==> flow/design.v <==
module u_mpy #(
   parameter BITS = 7
) (
   input  CLK,
   input  i_rst_n,
   input  [BITS-1:0] i_in0,
   input  [BITS-1:0] i_in1,
   output [2*BITS-1:0] o_q
);
   reg [BITS-1:0] in0_s;
   reg [BITS-1:0] in1_s;
   always @(posedge CLK or negedge i_rst_n) begin
      if (!i_rst_n) begin
         in0_s <= 0;
         in1_s <= 0;
      end else begin
         in0_s <= i_in0;
         in1_s <= i_in1;
      end
   end
   assign o_q = in0_s * in1_s;
endmodule
* Reports on u_mpy
The steps from the RTL of u_mpy to its reports follow in flow order.
Line numbers count from 1 in the design file above.
Cell names lack the library's common part.
Not given: --
- Top module :: u_mpy
- Clock :: CLK
- Standard-cell library :: sky130hd
- Library corner :: tt_025C_1v80

* After elaboration
Counts by Yosys on the flattened word-level netlist (proc, flatten, opt, wreduce; memories kept). Register bits leave out memories and registers merged into their read ports (data or address); mux counts leave out enables and synchronous resets folded into registers. Print and check cells are left out. Cells with the same type and inputs are merged into one.
- Bits of input ports :: 16
- Register bits after elaboration :: 14
- Output and inout bits :: 14
- Multipliers :: 1
** Operator list (count)
- multiplier 7 x 7 -> 14 bit :: 1

* Logic depth
Yosys ltp: most cells in a row. Word level: on the elaborated netlist, between registers, memories and ports. Mapped: between sequential cells and ports; inverters and the memories' decode and read muxes count.
- Depth after elaboration :: 1
- ABC_AREA :: 0
- Gate-level depth with buffers :: 15

* Mapped cells and area
Source: synth_stat.txt of the flow (Yosys; design flattened, memories mapped). It holds for the ABC_AREA given above (unset counts as 0); a run with the other value may have another netlist.
Totals and module areas in this step are rounded.
** Cell types (count)
- fa_1 :: 24
- ha_1 :: 32
- dfrtp_1 :: 14
- and2_1 :: 28
- inv_1 :: 24
- nand2_1 :: 24
- xnor2_1 :: 6
- xor2_1 :: 4
- nor2_1 :: 7
- a21o_1 :: 3
- o41a_1 :: 2
- a21oi_1 :: 4
- a41oi_2 :: 1
- a211oi_1 :: 2
- o21a_1 :: 2
- and3_1 :: 2
- a221o_1 :: 1
- nor3_1 :: 2
Not listed: further types 6, cells in them 7.
- Cells in the netlist :: 189
- Cell area after synthesis :: 0.00189 sq mm
- Sequential part of the area :: 0.00035 sq mm
- Mapped flip-flops :: 14

* Worst setup path after synthesis
OpenSTA on the mapped netlist: ideal clock, no wires. The path of least setup slack (recovery checks aside). Input and output delay are each 20% of the period. Register names are those of the netlist, which keeps one name where synthesis merged equal registers.
- Kind :: register -> output
- From :: register in1_s[6]
- To :: output o_q[13]
- Setup slack :: 1.062 ns
- Stages on the path :: 15
- Data arrival time :: 4.250 ns
- Launch time at the first pin :: 0.000 ns
- Period :: 6.64 ns
- Output delay :: 1.328 ns
- Path buffers :: 0
- Delay of the path :: 4.250 ns
- Data required time :: 5.312 ns
- Synthesis period reached :: 5.578 ns
"delay of the path" is the arrival time less input delay plus setup time.
A path that ends at an output port has no setup time.
"stages on the path" counts driving pins, that of a launching flip-flop among them; a cell with two outputs on the path counts twice.
"synthesis period reached" is the clock period less the worst setup slack; recovery checks do not enter. This is arithmetic on one report: input and output delays are still those of the set period (20% each).
Between the ends stands the longest chain of elaborated cells between them, by number of cells; it is not shown to be the way that was timed. Of several equally long chains one is given.
A line is the first line of the expression or statement that the cell stems from. Yosys adds cells for indexed reads and writes and turns some case tables into memories.
- Cell sequence :: dfrtp_1 nand2_1 fa_1 fa_1 inv_1 fa_1 inv_1 fa_1 inv_1 ha_1 and3_1 a221o_1 o32a_1 a41oi_2 xnor2_1
- Length of the longest elaborated chain :: 1
- Elaborated cells on any way between the ends :: 1
- RTL lines with such cells :: 1
- Classes of those cells :: 1 x mul
** Ends and longest elaborated chain, after synthesis
- from (decl) :: RTL line 11 : reg [BITS-1:0] in1_s;
- from (assign) :: RTL line 15 : in1_s <= 0;
- from (assign) :: RTL line 18 : in1_s <= i_in1;
- multiplier 7 x 7 -> 14 bit :: RTL line 21 : assign o_q = in0_s * in1_s;
- to (decl) :: RTL line 8 : output [2*BITS-1:0] o_q

* Timing after layout
From the final timing report of entry A: the path of least setup slack in the routed layout; clock arrival at registers is part of the times.
- Kind :: register -> output
- From :: register in0_s[0]
- To :: output o_q[9]
- Data required time :: 5.31 ns
- Period :: 6.64 ns
- Path buffers :: 1
- Launch time at the first pin :: 0.23 ns
- Data arrival time :: 4.93 ns
- Output delay :: 1.33 ns
- Setup slack :: 0.39 ns
- Stages on the path :: 15
Between the ends stands the longest chain of elaborated cells between them, by number of cells; it is not shown to be the way that was timed. Of several equally long chains one is given.
- Cell sequence :: dfrtp_1 nand2_1 fa_1 fa_1 inv_1 fa_1 inv_1 fa_1 inv_1 ha_1 and3_1 a221o_1 o32a_1 xor2_1 clkdlybuf4s50_1
- Length of the longest elaborated chain :: 1
- Elaborated cells on any way between the ends :: 1
- RTL lines with such cells :: 1
- Classes of those cells :: 1 x mul
** Ends and longest elaborated chain, post-layout
- from (decl) :: RTL line 10 : reg [BITS-1:0] in0_s;
- from (assign) :: RTL line 14 : in0_s <= 0;
- from (assign) :: RTL line 17 : in0_s <= i_in0;
- multiplier 7 x 7 -> 14 bit :: RTL line 21 : assign o_q = in0_s * in1_s;
- to (decl) :: RTL line 8 : output [2*BITS-1:0] o_q

Memo
Re: implementation data of u_mpy

Design u_mpy on sky130hd. What follows are 3 stored runs of the flow, each under its own settings; their order means nothing. The constraints put input and output delay at 20% of the set period each and load the outputs with 0.01 pF.
"clock period reached": clock period set for the run, less the worst setup slack. It is reckoned from that one timing run; input and output delays stay at 20% of the period that was set.
"critical path time": the worst setup path's part of the clock period (all of it between registers, 20% less for each end at a port) less its slack. A launch clock that arrives late makes it longer, a capture clock that arrives late makes it shorter.
"total power after layout" is the tool's figure for a default switching activity; nothing was simulated.
Measured values are rounded.

** Entry A
- Settings :: period_ns=6.64; CAP_MARGIN=20; CORE_MARGIN=2; CORE_UTILIZATION=40; SLEW_MARGIN=20
- Clock period reached :: 6.253 ns
- Total negative setup slack :: 0.000 ns
- Total power after layout :: 0.599 mW
- Overall die area :: 0.0053 sq mm
- Smallest setup slack :: 0.387 ns
- Utilization in the final report :: 50.2%
- Chip area in the Yosys report :: 0.00189 sq mm
- Area of the standard cells in the finished layout :: 0.00232 sq mm
- Critical path time :: 4.93 ns
- Class of the worst setup path :: register -> output

** Entry B
- Settings :: period_ns=4.36; CORE_UTILIZATION=57; SETUP_SLACK_MARGIN=0.13; PLACE_DENSITY=0.63; CORE_ASPECT_RATIO=0.53; CELL_PAD_IN_SITES_DETAIL_PLACEMENT=0; GPL_ROUTABILITY_DRIVEN=0; MIN_ROUTING_LAYER=met1; CAP_MARGIN=20; CORE_MARGIN=2; SLEW_MARGIN=20
- Clock period reached :: 5.299 ns
- Total negative setup slack :: -5.84 ns
- Total power after layout :: 1.26 mW
- Overall die area :: 0.00382 sq mm
- Smallest setup slack :: -0.939 ns
- Utilization in the final report :: 89.1%
- Chip area in the Yosys report :: 0.00189 sq mm
- Area of the standard cells in the finished layout :: 0.00286 sq mm
- Critical path time :: 4.43 ns
- Class of the worst setup path :: register -> output

** Entry C
- Settings :: period_ns=4.68; CORE_UTILIZATION=27; SETUP_SLACK_MARGIN=-0.14; PLACE_DENSITY_LB_ADDON=0.18; CORE_MARGIN=6; CELL_PAD_IN_SITES_DETAIL_PLACEMENT=2; ABC_AREA=1; CTS_CLUSTER_SIZE=61; SLEW_MARGIN=5; CAP_MARGIN=20
- Clock period reached :: 4.870 ns
- Total negative setup slack :: -0.889 ns
- Total power after layout :: 1.25 mW
- Overall die area :: 0.00994 sq mm
- Smallest setup slack :: -0.190 ns
- Utilization in the final report :: 39.7%
- Chip area in the Yosys report :: 0.00208 sq mm
- Area of the standard cells in the finished layout :: 0.00291 sq mm
- Critical path time :: 3.93 ns
- Class of the worst setup path :: register -> output
